==> flow/design.v <==
module my_add_core_v2 #(
    parameter XLEN = 56
) (
    input logic clock,
    input logic resetn,
    input logic [XLEN-1:0] in_dataa,
    input logic [XLEN-1:0] in_datab,
    output logic [XLEN-1:0] out_res,
    output logic out_carry
);
    logic [XLEN-1:0] dataa_s;
    logic [XLEN-1:0] datab_s;
    always_ff @(posedge clock or negedge resetn) begin
        if (~resetn) begin
            dataa_s <= '0;
            datab_s <= '0;
        end else begin
            dataa_s <= in_dataa;
            datab_s <= in_datab;
        end
    end
    logic [XLEN-1:0] g;
    logic [XLEN-1:0] p;
    always_comb begin
        g = dataa_s & datab_s;
        p = dataa_s ^ datab_s;
        for (int t = 1; t < XLEN; t = t * 2) begin
            g = g | (p & (g << t));
            p = p & (p << t);
        end
    end
    assign out_res = dataa_s ^ datab_s ^ {g[XLEN-2:0], 1'b0};
    assign out_carry = g[XLEN-1];
endmodule
# Reports on my_add_core_v2
# What the tools print for my_add_core_v2, step after step.
# Line numbers count from 1 in the design file above.
# Operators carry their Yosys type and port widths (W data, S select, Z words).
# Library cell names are shortened.
# Not given: -
# design
top	my_add_core_v2
clock_port	clock
library	sky130hd
corner	tt_025C_1v80

# Word level
# Yosys after proc, flatten, opt, wreduce and memory -nomap, before mapping. Enables and synchronous resets that opt folds into registers are not counted as muxes. Memory bits, and registers merged into a memory's read port (data or address), are not among the register bits. Print and check cells are not counted. Equal cells are merged and count once.
# op_classes
bitwise	20
# ops
operator	count
$and A56 B56 Y56	12
$or A56 B56 Y56	6
$xor A56 B56 Y56	2
# bits
inputBits	114
output_inout_bits	57
ff_bits	112
wordCells	22

# Logic depth
# Longest topological path by Yosys (ltp), each cell counted once; first at word level (registers and memories cut), then after technology mapping (sequential cells cut; the memories' decode and read muxes count).
# depth
word_depth	14
ABC_AREA	0
depth_mapped	11
ltp_nobuf	11

# Netlist
# Source: synth_stat.txt of the flow (Yosys; design flattened, memories mapped). It holds for the ABC_AREA given above (unset counts as 0); a run with the other value may have another netlist.
# types
cell	count	area_total_um2
dfrtp_1	112	2.8E+03
ha_1	56	700.672
a21oi_1	72	360.346
a21o_1	39	292.781
xnor2_1	32	280.269
xor2_1	18	157.651
o21ai_0	31	155.149
nand2_1	40	150.144
nor2_1	27	101.347
o21bai_1	13	97.594
nand4_1	14	87.584
inv_1	21	78.826
nand3_1	15	75.072
o21a_1	8	60.058
buf_2	11	55.053
and4_1	6	52.55
a31oi_1	8	50.048
clkbuf_1	13	48.797
# Not listed: further types 37, cells in them 87.
# synth_totals
n_buf	26
ff_cells	112
stdcells	623
mapped_area_um2	6288.5

# Path before layout
# OpenSTA on the mapped netlist: ideal clock, no wires. The path of least setup slack (recovery checks aside). Input and output delay are each 20% of the period. Register names are those of the netlist, which keeps one name where synthesis merged equal registers.
# synth_timing
kind	reg-to-output
startpoint	register dataa_s[0]
endpoint	output out_res[46]
arrival_ps	2604
path_delay_ps	2604
path_stages	12
slack_ps	652
period_ps	4070
t_first_pin_ps	0
path_buffers	0
synth_period_reached_ps	3418
# "path_delay_ps" = arrival - input delay + setup time.
# At an output port there is no setup time.
# "path_stages" counts driving pins, that of a launching flip-flop among them; a cell with two outputs on the path counts twice.
# "synth_period_reached_ps" is the clock period less the worst setup slack; recovery checks do not enter. This is arithmetic on one report: input and output delays are still those of the set period (20% each).
# Between the ends stands the longest chain of elaborated cells between them, by number of cells; it is not shown to be the way that was timed. Of several equally long chains one is given.
# A line is the first line of the expression or statement that the cell stems from. Yosys adds cells for indexed reads and writes and turns some case tables into memories.
# synth_via
path_cell_list	dfrtp_1 -> ha_1 -> inv_1 -> fa_1 -> nand2b_1 -> a21o_1 -> a311oi_1 -> o21ai_0 -> a211oi_1 -> a21o_1 -> nor2_1 -> nor3_1
elab_chain_len	12
# synth_rtl
item	line_no	text
start, declared	11	logic [XLEN-1:0] dataa_s;
start, assigned	15	dataa_s <= '0;
start, assigned	18	dataa_s <= in_dataa;
$and A56 B56 Y56	25	g = dataa_s & datab_s;
$and A56 B56 Y56	28	g = g | (p & (g << t));
$or A56 B56 Y56 x2	28
$and A56 B56 Y56	28
$or A56 B56 Y56	28
$and A56 B56 Y56	28
$or A56 B56 Y56 x2	28
$and A56 B56 Y56	28
$or A56 B56 Y56	28
$xor A56 B56 Y56	32	assign out_res = dataa_s ^ datab_s ^ {g[XLEN-2:0], 1'b0};
end, declared	8	output logic [XLEN-1:0] out_res,

# Path in the finished layout
# Path of least setup slack in the final report of job 1 (OpenROAD, finished layout, wires in). Where an end is a register, its clock arrival counts in the times.
# The path's times are printed in steps of 10 ps; the period is the one set.
# layout_timing
kind	reg-to-output
startpoint	register datab_s[0]
endpoint	output out_res[46]
t_first_pin_ps	340
slack_ps	80
arrival_ps	3170
path_buffers	3
period_ps	4070
path_stages	15
# Between the ends stands the longest chain of elaborated cells between them, by number of cells; it is not shown to be the way that was timed. Of several equally long chains one is given.
# layout_via
path_cell_list	dfrtp_1 -> ha_2 -> inv_2 -> fa_2 -> nand2b_4 -> a21o_4 -> a311oi_2 -> buf_4 -> o21ai_4 -> a211oi_2 -> a21o_1 -> buf_4 -> and4_1 -> nor3_2 -> buf_2
elab_chain_len	12
# layout_rtl
item	line_no	text
start, declared	12	logic [XLEN-1:0] datab_s;
start, assigned	16	datab_s <= '0;
start, assigned	19	datab_s <= in_datab;
$and A56 B56 Y56	25	g = dataa_s & datab_s;
$and A56 B56 Y56	28	g = g | (p & (g << t));
$or A56 B56 Y56 x2	28
$and A56 B56 Y56	28
$or A56 B56 Y56	28
$and A56 B56 Y56	28
$or A56 B56 Y56 x2	28
$and A56 B56 Y56	28
$or A56 B56 Y56	28
$xor A56 B56 Y56	32	assign out_res = dataa_s ^ datab_s ^ {g[XLEN-2:0], 1'b0};
end, declared	8	output logic [XLEN-1:0] out_res,

# Below are 3 stored runs of the flow (Yosys, OpenROAD; platform sky130hd) on my_add_core_v2, each with its settings and what was measured, unordered. Constraints: input delay and output delay 20% of the set period each, output load 0.01 pF.
# "timing.achieved_period_ps" is the run's clock period less its worst setup slack. It is reckoned from that one timing run; input and output delays stay at 20% of the period that was set.
# "worst_path_allowed_less_slack_ps": the worst setup path's part of the clock period (all of it between registers, 20% less for each end at a port) less its slack. A launch clock that arrives late makes it longer, a capture clock that arrives late makes it shorter.
# "fin_power_mw" rests on the timing tool's default activity at the inputs, not on a simulated workload.
# "worst_path_allowed_less_slack_ps" is given in steps of 10 ps.
# Among the settings, n/a means not set for that run.
# Among the results, n/a means that no value is shown for the run.
setting or result,job 1,job 2,job 3
period_ns,4.07,4.37,2.56
CAP_MARGIN,20,20,20
CORE_MARGIN,2,5,10
CORE_UTILIZATION,40,70,15
SLEW_MARGIN,20,20,40
PLACE_DENSITY_LB_ADDON,n/a,0.03,n/a
CELL_PAD_IN_SITES_DETAIL_PLACEMENT,n/a,1,n/a
TNS_END_PERCENT,n/a,10,n/a
CTS_CLUSTER_SIZE,n/a,39,n/a
CTS_CLUSTER_DIAMETER,n/a,315,n/a
PLACE_DENSITY,n/a,n/a,0.86
CELL_PAD_IN_SITES_GLOBAL_PLACEMENT,n/a,n/a,1
GPL_TIMING_DRIVEN,n/a,n/a,1
yosys_chip_area_um2,6288.5,n/a,6288.5
finish.utilization_pct,60.0,n/a,28.8
fin_power_mw,3.219,n/a,5.882
timing.setup.ws_ps,83,n/a,-1146
dieArea_um2,16740.5,n/a,50512.6
worst_path_allowed_less_slack_ps,3170,n/a,3190
path_kind,reg-to-output,n/a,reg-to-output
setupTns_ps,0,n/a,-39653
final_cell_area_um2,9161.3,n/a,11842.6
timing.achieved_period_ps,3987,n/a,3706
# Job 2: stopped before the end: placement reported FLW-0024
